==> flow/design.v <==
module dp_times_v2 (core_clk, RSTN, clk_en, dataa_i, datab_i, clear_i, res_o, vld_o);
  parameter integer XLEN = 28;
  input core_clk;
  input RSTN;
  input clk_en;
  input [XLEN-1:0] dataa_i;
  input [XLEN-1:0] datab_i;
  input clear_i;
  output [2*XLEN-1:0] res_o;
  output vld_o;
  localparam LOGN = $clog2(XLEN + 1);
  reg [XLEN-1:0] mcand;
  always @(posedge core_clk or negedge RSTN) begin
    if (~RSTN) begin
      mcand <= 0;
    end else if (clk_en) begin
      mcand <= clear_i ? dataa_i : mcand;
    end
  end
  reg [LOGN-1:0] steps;
  always @(posedge core_clk or negedge RSTN) begin
    if (~RSTN) begin
      steps <= 0;
    end else if (clk_en) begin
      steps <= clear_i ? XLEN : (steps != 0) ? steps - 1'b1 : steps;
    end
  end
  reg [2*XLEN-1:0] state;
  wire [XLEN:0] nxt;
  assign nxt = state[2*XLEN-1:XLEN] + (state[0] ? mcand : {XLEN{1'b0}});
  always @(posedge core_clk or negedge RSTN) begin
    if (~RSTN) begin
      state <= 0;
    end else if (clk_en) begin
      state <= clear_i ? {{XLEN{1'b0}}, datab_i} : (steps != 0) ? {nxt, state[XLEN-1:1]} : state;
    end
  end
  assign res_o = state;
  assign vld_o = (steps == 0);
endmodule
Step by step through the tools: dp_times_v2. The steps from the RTL of dp_times_v2 to its reports follow in flow order. Lines are those of the file above, counted from 1. Library cell names are shortened. A cell with - has no value.

Top module: dp_times_v2. Clock input: core_clk. Library: sky130hd. Timing corner: tt_025C_1v80.

After elaboration. Source: Yosys, flattened and elaborated, memories not mapped. Widths are those after wreduce. Registers that Yosys merges into a memory's read port (data or address) are not register bits. Print and check cells do not count. Equal cells are merged and count once.

Register bits: 89. The figure for latch bits is 0. Bits in writable memories: 0. The entry for ROM bits reads 0. Clocked read ports x word width: 0. For memories kept the number is 0. The entry for input port bits reads 60. The figure for output and inout bits is 57. The figure for cells after elaboration is 15.

Under add/subtract/negate cells stands 2. The entry for $mul reads 0. For divide/modulo/power cells the number is 0. The entry for magnitude comparators reads 0. For equal/unequal tests the number is 0. For shift operators the number is 0. Under muxes and demuxes stands 5. The entry for bitwise logic cells reads 0. For reductions and logical operators the number is 5.

Operators with widths (number): 2-to-1 mux 56 bit (2); adder 28 x 28 -> 29 bit (1); 2-to-1 mux 28 bit (1); 2-to-1 mux 5 bit (2); subtractor 5 x 1 -> 5 bit (second input constant) (1); zero test 5 bit (1); nonzero test 5 bit (1); AND reduction 2 bit (2); nonzero test 2 bit (1).

Depth. Yosys ltp: most cells in a row. Word level: on the elaborated netlist, between registers, memories and ports. Mapped: between sequential cells and ports; inverters and the memories' decode and read muxes count.

Under depth in word-level cells stands 4. The entry for ABC_AREA reads 1. Mapped depth: 16. The figure for depth with buffers taken out is 15.

Synthesis result. Yosys stat after the flow's synthesis: flattened, memories mapped to cells. It holds for the ABC_AREA given above (unset counts as 0); a run with the other value may have another netlist. The area totals of this step are shown rounded.

For cells in the netlist the number is 873. The entry for mapped area reads 6000 µm². Under sequential area stands 2200 µm². Flip-flops: 89. Buffers: 23.

Cell types: dfrtp_1 (number 89, total area 2.23E+03 µm²); nand2_1 (number 338, total area 1.27E+03 µm²); inv_1 (number 154, total area 578.054 µm²); ha_1 (number 30, total area 375.36 µm²); mux2_2 (number 28, total area 315.302 µm²); o21ai_0 (number 60, total area 300.288 µm²); nor2_1 (number 41, total area 153.898 µm²); nand3_1 (number 27, total area 135.13 µm²); a21oi_1 (number 25, total area 125.12 µm²); o21ai_1 (number 21, total area 105.101 µm²); buf_2 (number 15, total area 75.072 µm²); nand3_2 (number 5, total area 50.048 µm²); nor2_2 (number 5, total area 31.28 µm²); nand4_1 (number 4, total area 25.024 µm²); nor3_1 (number 5, total area 25.024 µm²); buf_6 (number 2, total area 22.522 µm²); clkbuf_1 (number 6, total area 22.522 µm²); fa_1 (number 1, total area 20.019 µm²).

Not listed: further types 13, cells in them 17.

Worst setup path after synthesis. Source: OpenSTA report_checks on the synthesized netlist (no wires, ideal clock, input and output delay 20% of the period each), path of least setup slack; recovery checks are left aside. Register names are those of the netlist, which keeps one name where synthesis merged equal registers.

Path type: register -> register. Start point: register state[0]. End point: register state[51]. Clock period: 3600 ps. Under setup time stands 117 ps. The figure for launch time at the first pin is 0 ps. Under arrival time stands 2074 ps. For required time the number is 3483 ps. The figure for path slack is 1409 ps. For path delay the number is 2191 ps. The entry for stages reads 17. Under path buffers stands 1. Synthesis period reached: 2191 ps.

"path delay" is the arrival time less input delay plus setup time. "stages": output pins that drive a net of the path, with the launching flip-flop's if there is one; two outputs of one cell count as two. "synthesis period reached" = period - worst setup slack (recovery checks aside). The figure is calculated, with input and output delays left at 20% of the set period. The rows between start and end are the longest chain of elaborated cells between them; the timing report does not say that the signal goes this way. Where chains are equally long, one stands for them. A line is the first line of the expression or statement that the cell stems from. Yosys adds cells for indexed reads and writes and turns some case tables into memories.

Path through: dfrtp_1 > clkbuf_1 > nand2_1 > inv_1 > ha_1 > inv_1 > fa_1 > inv_1 > nand3_1 > nand3_2 > nand2_1 > nand2_1 > nand2_1 > nand3_1 > nand2_1 > nand3_1 > nand2_1. Under cells in the longest elaborated chain stands 4. For elaborated cells on any way between the ends the number is 4. For source lines of those cells the number is 2. Those cells by class: add/sub (1); mux (3).

RTL lines, path after synthesis: start: declaration (line 28) `reg [2*XLEN-1:0] state;`; start: assignment (line 33) `state <= 0;`; start: assignment (line 35) `state <= clear_i ? {{XLEN{1'b0}}, datab_i} : (steps != 0) ? {nxt, state[XLEN-1:1]} : state;`; 2-to-1 mux 28 bit (line 30) `assign nxt = state[2*XLEN-1:XLEN] + (state[0] ? mcand : {XLEN{1'b0}});`; adder 28 x 28 -> 29 bit (line 30); 2-to-1 mux 56 bit (2 in a row) (line 35); end: assignment (line 33); end: assignment (line 35); end: declaration (line 28).

Timing after layout. Path of least setup slack in the final report of record 1 (OpenROAD, finished layout, wires in). Where an end is a register, its clock arrival counts in the times. The path's times are printed in steps of 10 ps; the period is the one set.

Path type: register -> output. Start point: register steps[0]. End point: output port vld_o. Clock period: 4390 ps. The figure for external output delay is 880 ps. The figure for launch time at the first pin is 340 ps. Under arrival time stands 1770 ps. For required time the number is 3510 ps. The figure for path slack is 1740 ps. The entry for stages reads 6. Under path buffers stands 1.

The rows between start and end are the longest chain of elaborated cells between them; the timing report does not say that the signal goes this way. Where chains are equally long, one stands for them.

Path through: dfrtp_1 > inv_1 > ha_1 > nand3_2 > inv_1 > clkdlybuf4s50_1. Under cells in the longest elaborated chain stands 1. For elaborated cells on any way between the ends the number is 1. For source lines of those cells the number is 1. Those cells by class: reduce/logical (1).

RTL lines, path after layout: start: declaration (line 20) `reg [LOGN-1:0] steps;`; start: assignment (line 23) `steps <= 0;`; start: assignment (line 25) `steps <= clear_i ? XLEN : (steps != 0) ? steps - 1'b1 : steps;`; zero test 5 bit (line 39) `assign vld_o = (steps == 0);`; end: declaration (line 10) `output vld_o;`.

==> results <==
Design dp_times_v2 on sky130hd. What follows are 3 stored runs of the flow, each under its own settings; their order means nothing. The constraints put input and output delay at 20% of the set period each and load the outputs with 0.01 pF. "period reached" means the clock period less the worst setup slack. The figure is calculated, with input and output delays left at 20% of the set period. "critical setup path time": the worst setup path's part of the clock period (all of it between registers, 20% less for each end at a port) less its slack. A launch clock that arrives late makes it longer, a capture clock that arrives late makes it shorter. "overall power" is the tool's figure for a default switching activity; nothing was simulated. "critical setup path time" is given in steps of 10 ps. The results are shown rounded.

Record 1 has these settings: period_ns 4.39; CORE_UTILIZATION 45; SETUP_SLACK_MARGIN 0.03; PLACE_DENSITY_LB_ADDON 0.24; CELL_PAD_IN_SITES_GLOBAL_PLACEMENT 0; TNS_END_PERCENT 5; ABC_AREA 1; GPL_ROUTABILITY_DRIVEN 1; CTS_CLUSTER_DIAMETER 28; CAP_MARGIN 20; CORE_MARGIN 2; SLEW_MARGIN 20. The measured period reached is 2647 ps. The final design utilization comes to 58 %. The worst setup slack after layout stands at 1700 ps. The measured die area is 14000 µm². The standard-cell area after layout comes to 7600 µm². The final setup TNS reads 0 ps. The critical setup path time reads 1770 ps. Critical path type: register -> output. The overall power comes to 2.6 mW. The measured chip area after synthesis (Yosys) is 6000 µm².

Record 2 has these settings: period_ns 4.13; CORE_UTILIZATION 48; PLACE_DENSITY_LB_ADDON 0.23; CORE_MARGIN 5; CELL_PAD_IN_SITES_GLOBAL_PLACEMENT 2; TNS_END_PERCENT 55; ABC_AREA 1; SLEW_MARGIN 30; CAP_MARGIN 20. Outcome: not finished: placement ended with error FLW-0024.

Record 3 has these settings: period_ns 3.6; CAP_MARGIN 20; CORE_MARGIN 2; CORE_UTILIZATION 40; SLEW_MARGIN 20. The measured period reached is 3357 ps. The final design utilization comes to 54 %. The worst setup slack after layout stands at 240 ps. The measured die area is 14000 µm². The standard-cell area after layout comes to 7000 µm². The final setup TNS reads 0 ps. The critical setup path time reads 3360 ps. Critical path type: register -> register. The overall power comes to 3.4 mW. The measured chip area after synthesis (Yosys) is 5300 µm².
